==> flow/design.v <==
module gen_muxn (ck, i_rst, i_d_0, i_d_1, i_d_2, i_d_3, i_d_4, i_d_5, i_d_6, i_d_7, i_d_8, i_d_9, i_sel, o_dout);
   parameter DATA_WIDTH = 3;
   input ck;
   input i_rst;
   input [DATA_WIDTH-1:0] i_d_0;
   input [DATA_WIDTH-1:0] i_d_1;
   input [DATA_WIDTH-1:0] i_d_2;
   input [DATA_WIDTH-1:0] i_d_3;
   input [DATA_WIDTH-1:0] i_d_4;
   input [DATA_WIDTH-1:0] i_d_5;
   input [DATA_WIDTH-1:0] i_d_6;
   input [DATA_WIDTH-1:0] i_d_7;
   input [DATA_WIDTH-1:0] i_d_8;
   input [DATA_WIDTH-1:0] i_d_9;
   input [3:0] i_sel;
   output [DATA_WIDTH-1:0] o_dout;
   reg [DATA_WIDTH-1:0] d_0_ff;
   reg [DATA_WIDTH-1:0] d_1_ff;
   reg [DATA_WIDTH-1:0] d_2_ff;
   reg [DATA_WIDTH-1:0] d_3_ff;
   reg [DATA_WIDTH-1:0] d_4_ff;
   reg [DATA_WIDTH-1:0] d_5_ff;
   reg [DATA_WIDTH-1:0] d_6_ff;
   reg [DATA_WIDTH-1:0] d_7_ff;
   reg [DATA_WIDTH-1:0] d_8_ff;
   reg [DATA_WIDTH-1:0] d_9_ff;
   reg [3:0] sel_ff;
   always @(posedge ck) begin
      if (i_rst) begin
         d_0_ff <= 0;
         d_1_ff <= 0;
         d_2_ff <= 0;
         d_3_ff <= 0;
         d_4_ff <= 0;
         d_5_ff <= 0;
         d_6_ff <= 0;
         d_7_ff <= 0;
         d_8_ff <= 0;
         d_9_ff <= 0;
         sel_ff <= 0;
      end else begin
         d_0_ff <= i_d_0;
         d_1_ff <= i_d_1;
         d_2_ff <= i_d_2;
         d_3_ff <= i_d_3;
         d_4_ff <= i_d_4;
         d_5_ff <= i_d_5;
         d_6_ff <= i_d_6;
         d_7_ff <= i_d_7;
         d_8_ff <= i_d_8;
         d_9_ff <= i_d_9;
         sel_ff <= i_sel;
      end
   end
   reg [DATA_WIDTH-1:0] work;
   always @(*) begin
      if (sel_ff == 0) work = d_0_ff;
      else if (sel_ff == 1) work = d_1_ff;
      else if (sel_ff == 2) work = d_2_ff;
      else if (sel_ff == 3) work = d_3_ff;
      else if (sel_ff == 4) work = d_4_ff;
      else if (sel_ff == 5) work = d_5_ff;
      else if (sel_ff == 6) work = d_6_ff;
      else if (sel_ff == 7) work = d_7_ff;
      else if (sel_ff == 8) work = d_8_ff;
      else work = d_9_ff;
   end
   assign o_dout = work;
endmodule
Reports on gen_muxn
Tool output for the design above, in the order of the flow.
Lines are those of the file above, counted from 1.
Operators: Yosys type, input widths -> output width; for muxes data width and select width s.
Library cell names are shortened.
{ "design": {"top": "gen_muxn", "clock": "ck", "cell_library": "sky130hd", "corner": "tt_025C_1v80"} }

Word-level counts
Yosys after proc, flatten, opt, wreduce and memory -nomap, before mapping. Enables and synchronous resets that opt folds into registers are not counted as muxes. Memory bits, and registers merged into a memory's read port (data or address), are not among the register bits. Print and check cells are not counted. Equal cells are merged and count once.
{ "classes": {"n_reduce_logical": 1, "eq_ne": 8, "n_mux": 9} }
{ "op_table": {"columns": ["operator", "count"], "rows": [
  ["$mux 3", 9],
  ["$eq 4x3->1 const B", 4],
  ["$eq 4x2->1 const B", 2],
  ["$eq 4x1->1 const B", 1],
  ["$eq 4x4->1 const B", 1],
  ["$logic_not 4->1", 1]
]} }
{ "word_totals": {"wordCells": 29, "out_inout_bits": 3, "ff_bits": 34, "in_bits": 36} }

Longest topological paths
Longest topological path by Yosys (ltp), each cell counted once; first at word level (registers and memories cut), then after technology mapping (sequential cells cut; the memories' decode and read muxes count).
{ "logic_depth": {"word_depth": 10, "ABC_AREA": 0, "mapped_depth": 6} }

Mapped cells and area
The flow's flattened synthesis, as Yosys stat reports it; memories are mapped. The netlist is that of the ABC_AREA named above (0 if unset); the other value can give another one.
The area totals of this step are shown rounded.
{ "types": {"columns": ["cell", "count", "area_total_um2"], "rows": [
  ["dfxtp_1", 34, 680.653],
  ["nor2b_1", 38, 237.728],
  ["nand2b_1", 9, 56.304],
  ["mux2i_1", 4, 40.038],
  ["a31oi_1", 6, 37.536],
  ["nor4bb_1", 3, 30.029],
  ["buf_2", 5, 25.024],
  ["o21ai_1", 5, 25.024],
  ["buf_6", 2, 22.522],
  ["mux2_2", 2, 22.522],
  ["o2111ai_1", 2, 17.517],
  ["o22a_1", 2, 17.517],
  ["mux2_4", 1, 15.014],
  ["nand2_1", 4, 15.014],
  ["o21a_1", 2, 15.014],
  ["o21ai_0", 3, 15.014],
  ["o221ai_2", 1, 15.014],
  ["nor3b_2", 1, 12.512]
]} }
Other cell types: 14; their cells: 20.
{ "synth_totals": {"cells": 144, "flip_flops": 34, "synth_area_um2": 1420} }

Timing after synthesis
Path of least setup slack by OpenSTA after synthesis, without wires, with an ideal clock, recovery checks aside; 20% of the period is set as input and as output delay. Where synthesis merged equal registers, the netlist keeps one of their names.
{ "synth_path": {"path_kind": "flip-flop to output port", "startpoint": "register sel_ff[0]", "endpoint": "output o_dout[1]", "stages": 6, "required_ps": 1544, "t_arrival_ps": 1234, "tclk_ps": 1930, "delay_ps": 1234, "path_buffers": 1, "launch_ps": 0, "path_slack_ps": 310, "period_less_setup_slack_ps": 1620} }
"delay_ps" is the arrival time less input delay plus setup time.
At an output port there is no setup time.
"stages": output pins that drive a net of the path, with the launching flip-flop's if there is one; two outputs of one cell count as two.
"period_less_setup_slack_ps" = period - worst setup slack (recovery checks aside). The figure is calculated, with input and output delays left at 20% of the set period.
The rows between start and end are the longest chain of elaborated cells between them; the timing report does not say that the signal goes this way. Where chains are equally long, one stands for them.
Each line given opens the expression or statement behind the cell; cells for indexed reads and writes are added by Yosys, which also makes memories of some case tables.
{ "synth_between": {"path_cell_list": "dfxtp_1 > buf_6 > mux2_4 > o221ai_2 > a21boi_1 > a32oi_1", "elab_chain_cells": 10, "cells_between": 18, "cone_lines": 9, "cone_classes": "eq/ne (8); mux (9); reduce/logical (1)"} }
{ "synth_rtl": {"columns": ["item", "line", "text"], "rows": [
  ["from (decl)", 27, "reg [3:0] sel_ff;"],
  ["from (assign)", 40, "sel_ff <= 0;"],
  ["from (assign)", 52, "sel_ff <= i_sel;"],
  ["$eq 4x4->1", 65, "else if (sel_ff == 8) work = d_8_ff;"],
  ["$mux 3", 65, null],
  ["$mux 3", 64, "else if (sel_ff == 7) work = d_7_ff;"],
  ["$mux 3", 63, "else if (sel_ff == 6) work = d_6_ff;"],
  ["$mux 3", 62, "else if (sel_ff == 5) work = d_5_ff;"],
  ["$mux 3", 61, "else if (sel_ff == 4) work = d_4_ff;"],
  ["$mux 3", 60, "else if (sel_ff == 3) work = d_3_ff;"],
  ["$mux 3", 59, "else if (sel_ff == 2) work = d_2_ff;"],
  ["$mux 3", 58, "else if (sel_ff == 1) work = d_1_ff;"],
  ["$mux 3", 57, "if (sel_ff == 0) work = d_0_ff;"],
  ["to (decl)", 16, "output [DATA_WIDTH-1:0] o_dout;"]
]} }

Worst path after layout
Path of least setup slack in the final report of job 1 (OpenROAD, finished layout, wires in). Where an end is a register, its clock arrival counts in the times.
The report prints the path's times to 10 ps; the period is as set.
{ "layout_path": {"path_kind": "flip-flop to output port", "startpoint": "register sel_ff[0]", "endpoint": "output o_dout[1]", "path_slack_ps": -150, "required_ps": 1540, "launch_ps": 320, "tclk_ps": 1930, "t_arrival_ps": 1700, "stages": 7, "path_buffers": 2} }
The rows between start and end are the longest chain of elaborated cells between them; the timing report does not say that the signal goes this way. Where chains are equally long, one stands for them.
{ "layout_between": {"path_cell_list": "dfxtp_4 > buf_6 > mux2_4 > o221ai_2 > a21boi_2 > a32oi_1 > buf_2", "elab_chain_cells": 10, "cells_between": 18, "cone_lines": 9, "cone_classes": "eq/ne (8); mux (9); reduce/logical (1)"} }
{ "layout_rtl": {"columns": ["item", "line", "text"], "rows": [
  ["from (decl)", 27, "reg [3:0] sel_ff;"],
  ["from (assign)", 40, "sel_ff <= 0;"],
  ["from (assign)", 52, "sel_ff <= i_sel;"],
  ["$eq 4x4->1", 65, "else if (sel_ff == 8) work = d_8_ff;"],
  ["$mux 3", 65, null],
  ["$mux 3", 64, "else if (sel_ff == 7) work = d_7_ff;"],
  ["$mux 3", 63, "else if (sel_ff == 6) work = d_6_ff;"],
  ["$mux 3", 62, "else if (sel_ff == 5) work = d_5_ff;"],
  ["$mux 3", 61, "else if (sel_ff == 4) work = d_4_ff;"],
  ["$mux 3", 60, "else if (sel_ff == 3) work = d_3_ff;"],
  ["$mux 3", 59, "else if (sel_ff == 2) work = d_2_ff;"],
  ["$mux 3", 58, "else if (sel_ff == 1) work = d_1_ff;"],
  ["$mux 3", 57, "if (sel_ff == 0) work = d_0_ff;"],
  ["to (decl)", 16, "output [DATA_WIDTH-1:0] o_dout;"]
]} }

Data sheet: physical implementation of gen_muxn

Module gen_muxn, platform sky130hd: 3 stored runs of the flow (Yosys, OpenROAD) with differing settings, in no particular order. Input and output delays are each 20% of the period that was set; the output load is 0.01 pF.
By "allowed time less slack (worst setup path)" is meant the share of the clock period that the worst setup path is allowed (20% is reserved at inputs, 20% at outputs), minus its slack. Clock arrival times at its registers enter into it.
"total design power": no workload was simulated; the value follows from the tool's default switching activity.
"allowed time less slack (worst setup path)" is given in steps of 10 ps.
Values from the reports are rounded here.

==> job 1: settings <==
{ "period_ns": 1.93, "CAP_MARGIN": 20, "CORE_MARGIN": 2, "CORE_UTILIZATION": 40, "SLEW_MARGIN": 20 }
==> job 1: results <==
final worst hold slack: 604 ps
setup slack of the critical path: -154 ps
chip area after synthesis (Yosys): 1420 µm²
allowed time less slack (worst setup path): 1700 ps
critical path type: flip-flop to output port
utilization in the final report: 0.599
die footprint: 4040 µm²
total design power: 1.36 mW

==> job 2: settings <==
{ "period_ns": 1.21, "CORE_UTILIZATION": 43, "PLACE_DENSITY_LB_ADDON": 0.13, "CELL_PAD_IN_SITES_GLOBAL_PLACEMENT": 1, "TNS_END_PERCENT": 80, "ABC_AREA": 1, "GPL_ROUTABILITY_DRIVEN": 1, "CTS_CLUSTER_DIAMETER": 375, "MAX_ROUTING_LAYER": "met4", "CAP_MARGIN": 20, "CORE_MARGIN": 2, "SLEW_MARGIN": 20 }
==> job 2: results <==
final worst hold slack: 418 ps
setup slack of the critical path: -872 ps
chip area after synthesis (Yosys): 1390 µm²
allowed time less slack (worst setup path): 1840 ps
critical path type: flip-flop to output port
utilization in the final report: 0.673
die footprint: 3700 µm²
total design power: 2.23 mW

==> job 3: settings <==
{ "period_ns": 0.975, "CORE_UTILIZATION": 18, "SETUP_SLACK_MARGIN": 0.26, "PLACE_DENSITY": 0.6, "HOLD_SLACK_MARGIN": 0.25, "CORE_ASPECT_RATIO": 0.97, "CELL_PAD_IN_SITES_GLOBAL_PLACEMENT": 1, "TNS_END_PERCENT": 15, "ABC_AREA": 1, "GPL_ROUTABILITY_DRIVEN": 1, "MIN_ROUTING_LAYER": "met1", "CAP_MARGIN": 20, "CORE_MARGIN": 2, "SLEW_MARGIN": 20 }
==> job 3: results <==
final worst hold slack: 417 ps
setup slack of the critical path: -1050 ps
chip area after synthesis (Yosys): 1390 µm²
allowed time less slack (worst setup path): 1830 ps
critical path type: flip-flop to output port
utilization in the final report: 0.298
die footprint: 8430 µm²
total design power: 3.09 mW
